==> flow/design.v <==
module core_shft #(
  parameter int W = 40,
  parameter int SBITS = $clog2(W)
) (
  input logic CLK,
  input logic [W-1:0] in_i,
  input logic [SBITS-1:0] dist_in_i,
  output logic [W-1:0] data_out_o
);
  logic [W-1:0] in_d1;
  logic [SBITS-1:0] dist_in_d1;
  always_ff @(posedge CLK) begin
    in_d1 <= in_i;
    dist_in_d1 <= dist_in_i;
  end
  logic [W-1:0] work;
  always_comb begin
    work = in_d1;
    for (int n = 0; n < SBITS; n++)
      if (dist_in_d1[n]) work = work >> (1 << n);
  end
  assign data_out_o = work;
endmodule
## Reports on core_shft

What the tools print for core_shft, step after step.
Line numbers count from 1 in the design file above.
Not given: -

| set-up | value |
|---|---|
| design top | core_shft |
| clock | CLK |
| library | sky130hd |
| corner | tt_025C_1v80 |

## Word-level counts

Counts by Yosys on the flattened word-level netlist (proc, flatten, opt, wreduce; memories kept). Register bits leave out memories and registers merged into their read ports (data or address); mux counts leave out enables and synchronous resets folded into registers. Print and check cells are left out. Cells with the same type and inputs are merged into one.

| word-level totals | value |
|---|---|
| output and inout port bits | 40 |
| flip-flop bits (word level) | 46 |

| operators by class | value |
|---|---|
| muxes and demuxes | 6 |

Operators with widths:

| operator | count |
|---|---|
| 40-bit two-way mux | 6 |

## Longest topological paths

Longest topological path by Yosys (ltp), each cell counted once; first at word level (registers and memories cut), then after technology mapping (sequential cells cut; the memories' decode and read muxes count).

| depth | value |
|---|---|
| depth after elaboration | 6 |
| ABC_AREA | 0 |
| gate-level depth with buffers | 7 |

## Netlist

Source: synth_stat.txt of the flow (Yosys; design flattened, memories mapped). It holds for the ABC_AREA given above (unset counts as 0); a run with the other value may have another netlist.
Totals and module areas in this step are rounded.

Cells by type:

| cell | count |
|---|---|
| sky130_fd_sc_hd__mux4_2 | 55 |
| sky130_fd_sc_hd__dfxtp_1 | 46 |
| sky130_fd_sc_hd__mux2_2 | 17 |
| sky130_fd_sc_hd__mux2i_1 | 17 |
| sky130_fd_sc_hd__nand2_1 | 30 |
| sky130_fd_sc_hd__o22ai_1 | 15 |
| sky130_fd_sc_hd__nor2_1 | 22 |
| sky130_fd_sc_hd__clkbuf_1 | 16 |
| sky130_fd_sc_hd__and3_1 | 9 |
| sky130_fd_sc_hd__o221ai_1 | 6 |
| sky130_fd_sc_hd__buf_2 | 9 |
| sky130_fd_sc_hd__buf_4 | 6 |
| sky130_fd_sc_hd__mux2_1 | 4 |
| sky130_fd_sc_hd__o21ai_0 | 9 |
| sky130_fd_sc_hd__a32oi_1 | 4 |
| sky130_fd_sc_hd__nor3_1 | 7 |
| sky130_fd_sc_hd__nand2b_1 | 5 |
| sky130_fd_sc_hd__a2bb2oi_1 | 3 |

Not listed: further types 23, cells in them 41.

| synthesis totals | value |
|---|---|
| buffer cells | 33 |
| flip-flops | 46 |
| area of sequential cells | 920 sq um |
| cell area after synthesis | 3600 sq um |
| cell count | 321 |

## Path before layout

Source: OpenSTA report_checks on the synthesized netlist (no wires, ideal clock, input and output delay 20% of the period each), path of least setup slack; recovery checks are left aside. Register names are those of the netlist, which keeps one name where synthesis merged equal registers.

| path post-synthesis | value |
|---|---|
| path kind | reg-to-output |
| from | register dist_in_d1[1] |
| to | output data_out_o[2] |
| time at the first pin | 0 ps |
| output delay | 580 ps |
| data required time | 2320 ps |
| stages | 6 |
| path slack | 465 ps |
| arrival time | 1855 ps |
| period | 2900 ps |
| buffers on the path | 1 |
| path delay | 1855 ps |
| period reached after synthesis | 2435 ps |

"path delay" = arrival - input delay + setup time.
At an output port there is no setup time.
"stages" counts driving pins, that of a launching flip-flop among them; a cell with two outputs on the path counts twice.
"period reached after synthesis" = period - worst setup slack (recovery checks aside). The figure is calculated, with input and output delays left at 20% of the set period.
Between the ends stands the longest chain of elaborated cells between them, by number of cells; it is not shown to be the way that was timed. Of several equally long chains one is given.
Each line given opens the expression or statement behind the cell; cells for indexed reads and writes are added by Yosys, which also makes memories of some case tables.

| on the way, post-synthesis | value |
|---|---|
| path through | sky130_fd_sc_hd__dfxtp_1 sky130_fd_sc_hd__buf_6 sky130_fd_sc_hd__mux4_2 sky130_fd_sc_hd__mux2_2 sky130_fd_sc_hd__a222oi_1 sky130_fd_sc_hd__o221ai_1 |
| length of the longest elaborated chain | 5 |
| elaborated cells on any way between the ends | 5 |
| source lines of those cells | 1 |

Ends and longest elaborated chain, post-synthesis:

| what | RTL line | RTL |
|---|---|---|
| start, declared | 11 | `logic [SBITS-1:0] dist_in_d1;` |
| start, assigned | 14 | `dist_in_d1 <= dist_in_i;` |
| 40-bit two-way mux (5 in a row) | 20 | `if (dist_in_d1[n]) work = work >> (1 << n);` |
| end, declared | 8 | `output logic [W-1:0] data_out_o` |

## Worst path after layout

From the final timing report of run 1: the path of least setup slack in the routed layout; clock arrival at registers is part of the times.
The report prints the path's times to 10 ps; the period is as set.

| path after layout | value |
|---|---|
| path kind | reg-to-output |
| from | register dist_in_d1[1] |
| to | output data_out_o[2] |
| period | 2900 ps |
| path slack | -240 ps |
| arrival time | 2560 ps |
| time at the first pin | 300 ps |
| buffers on the path | 4 |
| output delay | 580 ps |
| data required time | 2320 ps |
| stages | 9 |

Between the ends stands the longest chain of elaborated cells between them, by number of cells; it is not shown to be the way that was timed. Of several equally long chains one is given.

| on the way, after layout | value |
|---|---|
| path through | sky130_fd_sc_hd__dfxtp_4 sky130_fd_sc_hd__buf_12 sky130_fd_sc_hd__buf_12 sky130_fd_sc_hd__mux4_2 sky130_fd_sc_hd__mux2_4 sky130_fd_sc_hd__a222oi_1 sky130_fd_sc_hd__buf_4 sky130_fd_sc_hd__o221ai_2 sky130_fd_sc_hd__buf_2 |
| length of the longest elaborated chain | 5 |
| elaborated cells on any way between the ends | 5 |
| source lines of those cells | 1 |

Ends and longest elaborated chain, after layout:

| what | RTL line | RTL |
|---|---|---|
| start, declared | 11 | `logic [SBITS-1:0] dist_in_d1;` |
| start, assigned | 14 | `dist_in_d1 <= dist_in_i;` |
| 40-bit two-way mux (5 in a row) | 20 | `if (dist_in_d1[n]) work = work >> (1 << n);` |
| end, declared | 8 | `output logic [W-1:0] data_out_o` |

Subject: core_shft on sky130hd, stored results

Hello all,

Flow measurements of core_shft on sky130hd: 3 stored runs with different settings, listed in no order. Input and output delays are each 20% of the period that was set; the output load is 0.01 pF.
"period achieved" means the clock period less the worst setup slack. The figure is calculated, with input and output delays left at 20% of the set period.
"time used up by the worst setup path" is the time allowed to the run's worst setup path (the clock period less input and output delay, where it has them) less its slack. Clock arrival times count: a late capture clock shortens it, a late launch clock lengthens it.
"power consumption" rests on the timing tool's default activity at the inputs, not on a simulated workload.
"time used up by the worst setup path" is known to 10 ps.
Results are given in rounded form.

## Run 1

==> flow/run.sh <==
#!/bin/bash
# the make line also repeats the synthesis and layout settings of config.mk as NAME=value (left out here)
make -C /OpenROAD-flow-scripts/flow DESIGN_CONFIG=/design/flow/config.mk WORK_HOME=/design/flow/orfs CLKGATE_MAP_FILE= finish
==> flow/config.mk <==
export PLATFORM = sky130hd
export DESIGN_NAME = core_shft
export DESIGN_NICKNAME = core_shft
export VERILOG_FILES = /design/flow/design.v
export SDC_FILE = /design/flow/constraint.sdc
export NUM_CORES = 4
export LEC_CHECK = 0
export CAP_MARGIN = 20
export CORE_MARGIN = 2
export CORE_UTILIZATION = 40
export SLEW_MARGIN = 20
==> flow/constraint.sdc <==
create_clock -name core_clock -period 2.9 [get_ports {CLK}]
set_input_delay 0.5800 -clock core_clock [delete_from_list [all_inputs] [get_ports {CLK}]]
set_output_delay 0.5800 -clock core_clock [all_outputs]
set_load 0.01 [all_outputs]

| result of run 1 | value |
|---|---|
| power consumption | 2.0 mW |
| total negative slack | -2100 ps |
| worst setup slack after layout | -240 ps |
| period achieved | 3142 ps |
| post-synthesis cell area | 3600 sq um |
| lowest hold slack | 700 ps |
| standard-cell area after layout | 5500 sq um |
| utilization after routing | 0.64 |
| time used up by the worst setup path | 2560 ps |
| worst setup path kind | reg-to-output |
| die outline area | 9700 sq um |

## Run 2

==> flow/run.sh <==
#!/bin/bash
# the make line also repeats the synthesis and layout settings of config.mk as NAME=value (left out here)
make -C /OpenROAD-flow-scripts/flow DESIGN_CONFIG=/design/flow/config.mk WORK_HOME=/design/flow/orfs CLKGATE_MAP_FILE= finish
==> flow/config.mk <==
export PLATFORM = sky130hd
export DESIGN_NAME = core_shft
export DESIGN_NICKNAME = core_shft
export VERILOG_FILES = /design/flow/design.v
export SDC_FILE = /design/flow/constraint.sdc
export NUM_CORES = 4
export LEC_CHECK = 0
export CAP_MARGIN = 25
export CELL_PAD_IN_SITES_DETAIL_PLACEMENT = 1
export CORE_MARGIN = 10
export CORE_UTILIZATION = 33
export CTS_CLUSTER_DIAMETER = 181
export CTS_CLUSTER_SIZE = 98
export HOLD_SLACK_MARGIN = -0.0
export MIN_ROUTING_LAYER = met1
export PLACE_DENSITY = 0.45
export SETUP_SLACK_MARGIN = 0.27
export SLEW_MARGIN = 20
==> flow/constraint.sdc <==
create_clock -name core_clock -period 1.56 [get_ports {CLK}]
set_input_delay 0.3120 -clock core_clock [delete_from_list [all_inputs] [get_ports {CLK}]]
set_output_delay 0.3120 -clock core_clock [all_outputs]
set_load 0.01 [all_outputs]

| result of run 2 | value |
|---|---|
| power consumption | 4.1 mW |
| total negative slack | -43000 ps |
| worst setup slack after layout | -1300 ps |
| period achieved | 2853 ps |
| post-synthesis cell area | 3600 sq um |
| lowest hold slack | 420 ps |
| standard-cell area after layout | 6400 sq um |
| utilization after routing | 0.61 |
| time used up by the worst setup path | 2540 ps |
| worst setup path kind | reg-to-output |
| die outline area | 15000 sq um |

## Run 3

==> flow/run.sh <==
#!/bin/bash
# the make line also repeats the synthesis and layout settings of config.mk as NAME=value (left out here)
make -C /OpenROAD-flow-scripts/flow DESIGN_CONFIG=/design/flow/config.mk WORK_HOME=/design/flow/orfs CLKGATE_MAP_FILE= finish
==> flow/config.mk <==
export PLATFORM = sky130hd
export DESIGN_NAME = core_shft
export DESIGN_NICKNAME = core_shft
export VERILOG_FILES = /design/flow/design.v
export SDC_FILE = /design/flow/constraint.sdc
export NUM_CORES = 4
export LEC_CHECK = 0
export CAP_MARGIN = 25
export CELL_PAD_IN_SITES_DETAIL_PLACEMENT = 0
export CELL_PAD_IN_SITES_GLOBAL_PLACEMENT = 0
export CORE_MARGIN = 2
export CORE_UTILIZATION = 26
export CTS_CLUSTER_DIAMETER = 92
export HOLD_SLACK_MARGIN = 0.28
export MAX_ROUTING_LAYER = met5
export PLACE_DENSITY = 0.4
export SLEW_MARGIN = 25
export TNS_END_PERCENT = 80
==> flow/constraint.sdc <==
create_clock -name core_clock -period 3.96 [get_ports {CLK}]
set_input_delay 0.7920 -clock core_clock [delete_from_list [all_inputs] [get_ports {CLK}]]
set_output_delay 0.7920 -clock core_clock [all_outputs]
set_load 0.01 [all_outputs]

| result of run 3 | value |
|---|---|
| power consumption | 1.4 mW |
| total negative slack | 0 ps |
| worst setup slack after layout | 160 ps |
| period achieved | 3804 ps |
| post-synthesis cell area | 3600 sq um |
| lowest hold slack | 930 ps |
| standard-cell area after layout | 4800 sq um |
| utilization after routing | 0.36 |
| time used up by the worst setup path | 3010 ps |
| worst setup path kind | reg-to-output |
| die outline area | 15000 sq um |

Thanks
